==> flow/design.v <==
module alu_comparator_rtl #(
  parameter DW = 24
) (
  input clk,
  input aresetn,
  input [DW-1:0] i_a,
  input [DW-1:0] i_b,
  output reg o_a_lt_b,
  output reg o_equal
);
  wire [DW:0] cur;
  assign cur = {1'b0, i_a} - {1'b0, i_b};
  always @(posedge clk) begin
    if (~aresetn) begin
      o_a_lt_b <= 1'b0;
      o_equal <= 1'b0;
    end else begin
      o_a_lt_b <= cur[DW];
      o_equal <= ~|cur[DW-1:0];
    end
  end
endmodule
# Reports on alu_comparator_rtl
# Module alu_comparator_rtl in several versions that differ in "DW"; each step lists the members.
# The RTL above is that of DW 24; lines are counted from 1 in the file of the member named.
# Not given: n/a
# setup
design,alu_comparator_rtl
clk_port,clk
cell_library,sky130hd
pvt_corner,tt_025C_1v80

# Members of the sweep
# Lines of each other member's file that are new or changed against the file above; lines that a member lacks are not shown.
# src_changes
DW,line,text
28,2,parameter DW = 28
48,2,parameter DW = 48

# Word-level counts
# Source: Yosys, flattened and elaborated, memories not mapped. Widths are those after wreduce; folded enables and synchronous resets count as part of the registers. Registers that Yosys merges into a memory's read port (data or address) are not register bits. Print and check cells do not count. Equal cells are merged and count once.
# word_totals
DW,ff_bits,latchBits,mem_bits_rw,rom_bits,clocked_rd_ports_x_width,mem_count,in_bits,output_inout_bits,word_cells
24,2,0,0,0,0,0,50,2,5
28,2,0,0,0,0,0,58,2,5
48,2,0,0,0,0,0,98,2,5
# classes
DW,add_sub_neg,mul,div_mod_pow,cmp,eq_ne,n_shift,mux,n_logic,n_reduce_logical
24,1,0,0,0,0,0,0,0,2
28,1,0,0,0,0,0,0,0,2
48,1,0,0,0,0,0,0,0,2
# op_table
DW,op_list
24,subtractor 24 x 24 -> 25 bit (1); OR reduction 24 bit (1); logical NOT 1 bit (1)
28,subtractor 28 x 28 -> 29 bit (1); OR reduction 28 bit (1); logical NOT 1 bit (1)
48,subtractor 48 x 48 -> 49 bit (1); OR reduction 48 bit (1); logical NOT 1 bit (1)

# Depth
# Longest topological path by Yosys (ltp), each cell counted once; first at word level (registers and memories cut), then after technology mapping (sequential cells cut; the memories' decode and read muxes count).
# logic_depth
DW,depth_word,ABC_AREA,mapped_depth,mapped_depth_nobuf
24,3,0,11,11
28,3,0,12,12
48,3,0,14,14

# After synthesis
# Source: synth_stat.txt of the flow (Yosys; design flattened, memories mapped). It holds for the ABC_AREA given above (unset counts as 0); a run with the other value may have another netlist.
# Totals and module areas in this step are rounded.
# by_type
DW,cell_types
24,sky130_fd_sc_hd__ha_1 (24); sky130_fd_sc_hd__inv_1 (32); sky130_fd_sc_hd__a21oi_1 (18); sky130_fd_sc_hd__o21ai_0 (15); sky130_fd_sc_hd__nand2_1 (18); sky130_fd_sc_hd__nor2_1 (15); sky130_fd_sc_hd__a21o_1 (7); sky130_fd_sc_hd__xor2_1 (6); sky130_fd_sc_hd__a211o_1 (5); sky130_fd_sc_hd__a31oi_1 (7); sky130_fd_sc_hd__xnor2_1 (5); sky130_fd_sc_hd__dfxtp_1 (2); sky130_fd_sc_hd__o21a_1 (5); sky130_fd_sc_hd__nand4_1 (5); sky130_fd_sc_hd__nand3_1 (6); sky130_fd_sc_hd__o31a_1 (3); sky130_fd_sc_hd__nor3_1 (5); sky130_fd_sc_hd__or3_1 (4); (+44)
28,sky130_fd_sc_hd__ha_1 (28); sky130_fd_sc_hd__inv_1 (36); sky130_fd_sc_hd__a21oi_1 (25); sky130_fd_sc_hd__a21o_1 (15); sky130_fd_sc_hd__nor2_1 (21); sky130_fd_sc_hd__nand2_1 (19); sky130_fd_sc_hd__nand4_1 (10); sky130_fd_sc_hd__xor2_1 (6); sky130_fd_sc_hd__nand2b_1 (7); sky130_fd_sc_hd__dfxtp_1 (2); sky130_fd_sc_hd__a211oi_1 (5); sky130_fd_sc_hd__nor2b_1 (6); sky130_fd_sc_hd__o21ai_0 (7); sky130_fd_sc_hd__a31oi_1 (5); sky130_fd_sc_hd__mux2i_1 (3); sky130_fd_sc_hd__nor3_1 (6); sky130_fd_sc_hd__o21ai_1 (6); sky130_fd_sc_hd__a2111oi_4 (1); (+65)
48,sky130_fd_sc_hd__ha_1 (48); sky130_fd_sc_hd__a21oi_1 (56); sky130_fd_sc_hd__inv_1 (67); sky130_fd_sc_hd__o21ai_0 (35); sky130_fd_sc_hd__nand2_1 (39); sky130_fd_sc_hd__nor2_1 (38); sky130_fd_sc_hd__a21o_1 (18); sky130_fd_sc_hd__xnor2_1 (15); sky130_fd_sc_hd__nand3_1 (20); sky130_fd_sc_hd__nand4_1 (15); sky130_fd_sc_hd__o21a_1 (12); sky130_fd_sc_hd__mux2i_1 (7); sky130_fd_sc_hd__xor2_1 (7); sky130_fd_sc_hd__mux2_2 (5); sky130_fd_sc_hd__o21bai_1 (7); sky130_fd_sc_hd__and2_1 (8); sky130_fd_sc_hd__nand2b_1 (8); sky130_fd_sc_hd__nor3_1 (10); (+118)
# A list marked (+n) leaves out that many cells.
# synth_totals
DW,cells,synth_area_mm2,seqArea_mm2,ff_cells,buffers
24,226,0.00153,0.00004,2,5
28,273,0.00191,0.00004,2,7
48,533,0.00349,0.00004,2,21

# Path before layout
# Source: OpenSTA report_checks on the synthesized netlist (no wires, ideal clock, input and output delay 20% of the period each), path of least setup slack; recovery checks are left aside. Register names are those of the netlist, which keeps one name where synthesis merged equal registers.
# synth_path
DW,path_kind,startpoint,endpoint,tclk_ns,path_slack_ns,driving_pins,delay_ns,synth_period_reached_ns
24,input to register,in i_a[0],reg o_equal,3.54,0.565,11,2.267,2.975
28,input to register,in i_a[0],reg o_equal,3.64,0.582,12,2.330,3.058
48,input to register,in i_a[0],reg o_equal,4.63,0.740,14,2.963,3.89
# "delay_ns" = arrival - input delay + setup time.
# "driving_pins" counts driving pins, that of a launching flip-flop among them; a cell with two outputs on the path counts twice.
# "synth_period_reached_ns" = period - worst setup slack (recovery checks aside). The figure is calculated, with input and output delays left at 20% of the set period.
# The rows between start and end are the longest chain of elaborated cells between them; the timing report does not say that the signal goes this way. Where chains are equally long, one stands for them.
# Each line given opens the expression or statement behind the cell; cells for indexed reads and writes are added by Yosys, which also makes memories of some case tables.
# synth_via_DW_24
elab_chain_len,3
# synth_lines_DW_24
item,line,text
start: declaration,6,"input [DW-1:0] i_a,"
subtractor 24 x 24 -> 25 bit,12,"assign cur = {1'b0, i_a} - {1'b0, i_b};"
OR reduction 24 bit,19,o_equal <= ~|cur[DW-1:0];
logical NOT 1 bit,19,
end: assignment,16,o_equal <= 1'b0;
end: assignment,19,
end: declaration,9,output reg o_equal
# synth_via_DW_48
elab_chain_len,3
# synth_lines_DW_48
item,line,text
start: declaration,6,"input [DW-1:0] i_a,"
subtractor 48 x 48 -> 49 bit,12,"assign cur = {1'b0, i_a} - {1'b0, i_b};"
OR reduction 48 bit,19,o_equal <= ~|cur[DW-1:0];
logical NOT 1 bit,19,
end: assignment,16,o_equal <= 1'b0;
end: assignment,19,
end: declaration,9,output reg o_equal

# Worst path after layout
# From the final timing report of the run of each member: the path of least setup slack in the routed layout; clock arrival at registers is part of the times.
# layout_path
DW,path_kind,startpoint,endpoint,tclk_ns,path_slack_ns,driving_pins,t_arrival_ns,n_path_buf
24,input to register,in i_a[0],reg o_equal,3.54,0.25,12,3.42,1
28,input to register,in i_a[0],reg o_equal,3.64,0.22,14,3.57,2
48,input to register,in i_a[0],reg o_equal,4.63,0.11,16,4.64,2

# Measured runs
# Settings and results of one run of the flow (Yosys, OpenROAD) for each member follow. The constraints put input and output delay at 20% of the set period each and load the outputs with 0.01 pF.
# flow_settings
CAP_MARGIN,20
CORE_MARGIN,2
CORE_UTILIZATION,40
SLEW_MARGIN,20
# settings_diff
DW,period_ns
24,3.54
28,3.64
48,4.63
# measured
DW,yosys.chip_area_mm2,die_mm2,post_route_stdcell_area_mm2,fin_util_frac,worstSetupSlack_ns,total_negative_slack_ns,ws_hold_ns,totalPower_w,achievedPeriod_ns
24,0.00153,0.00434,0.00215,0.588,0.248,0.000,1.11,0.000429,3.292
28,0.00191,0.00534,0.00267,0.573,0.220,0.000,1.11,0.000515,3.420
48,0.00349,0.00949,0.00476,0.553,0.111,0.000,1.31,0.0007,4.519
# "achievedPeriod_ns" means the clock period less the worst setup slack. The figure is calculated, with input and output delays left at 20% of the set period.
# "totalPower_w" rests on the timing tool's default activity at the inputs, not on a simulated workload.
# The measured numbers are rounded.
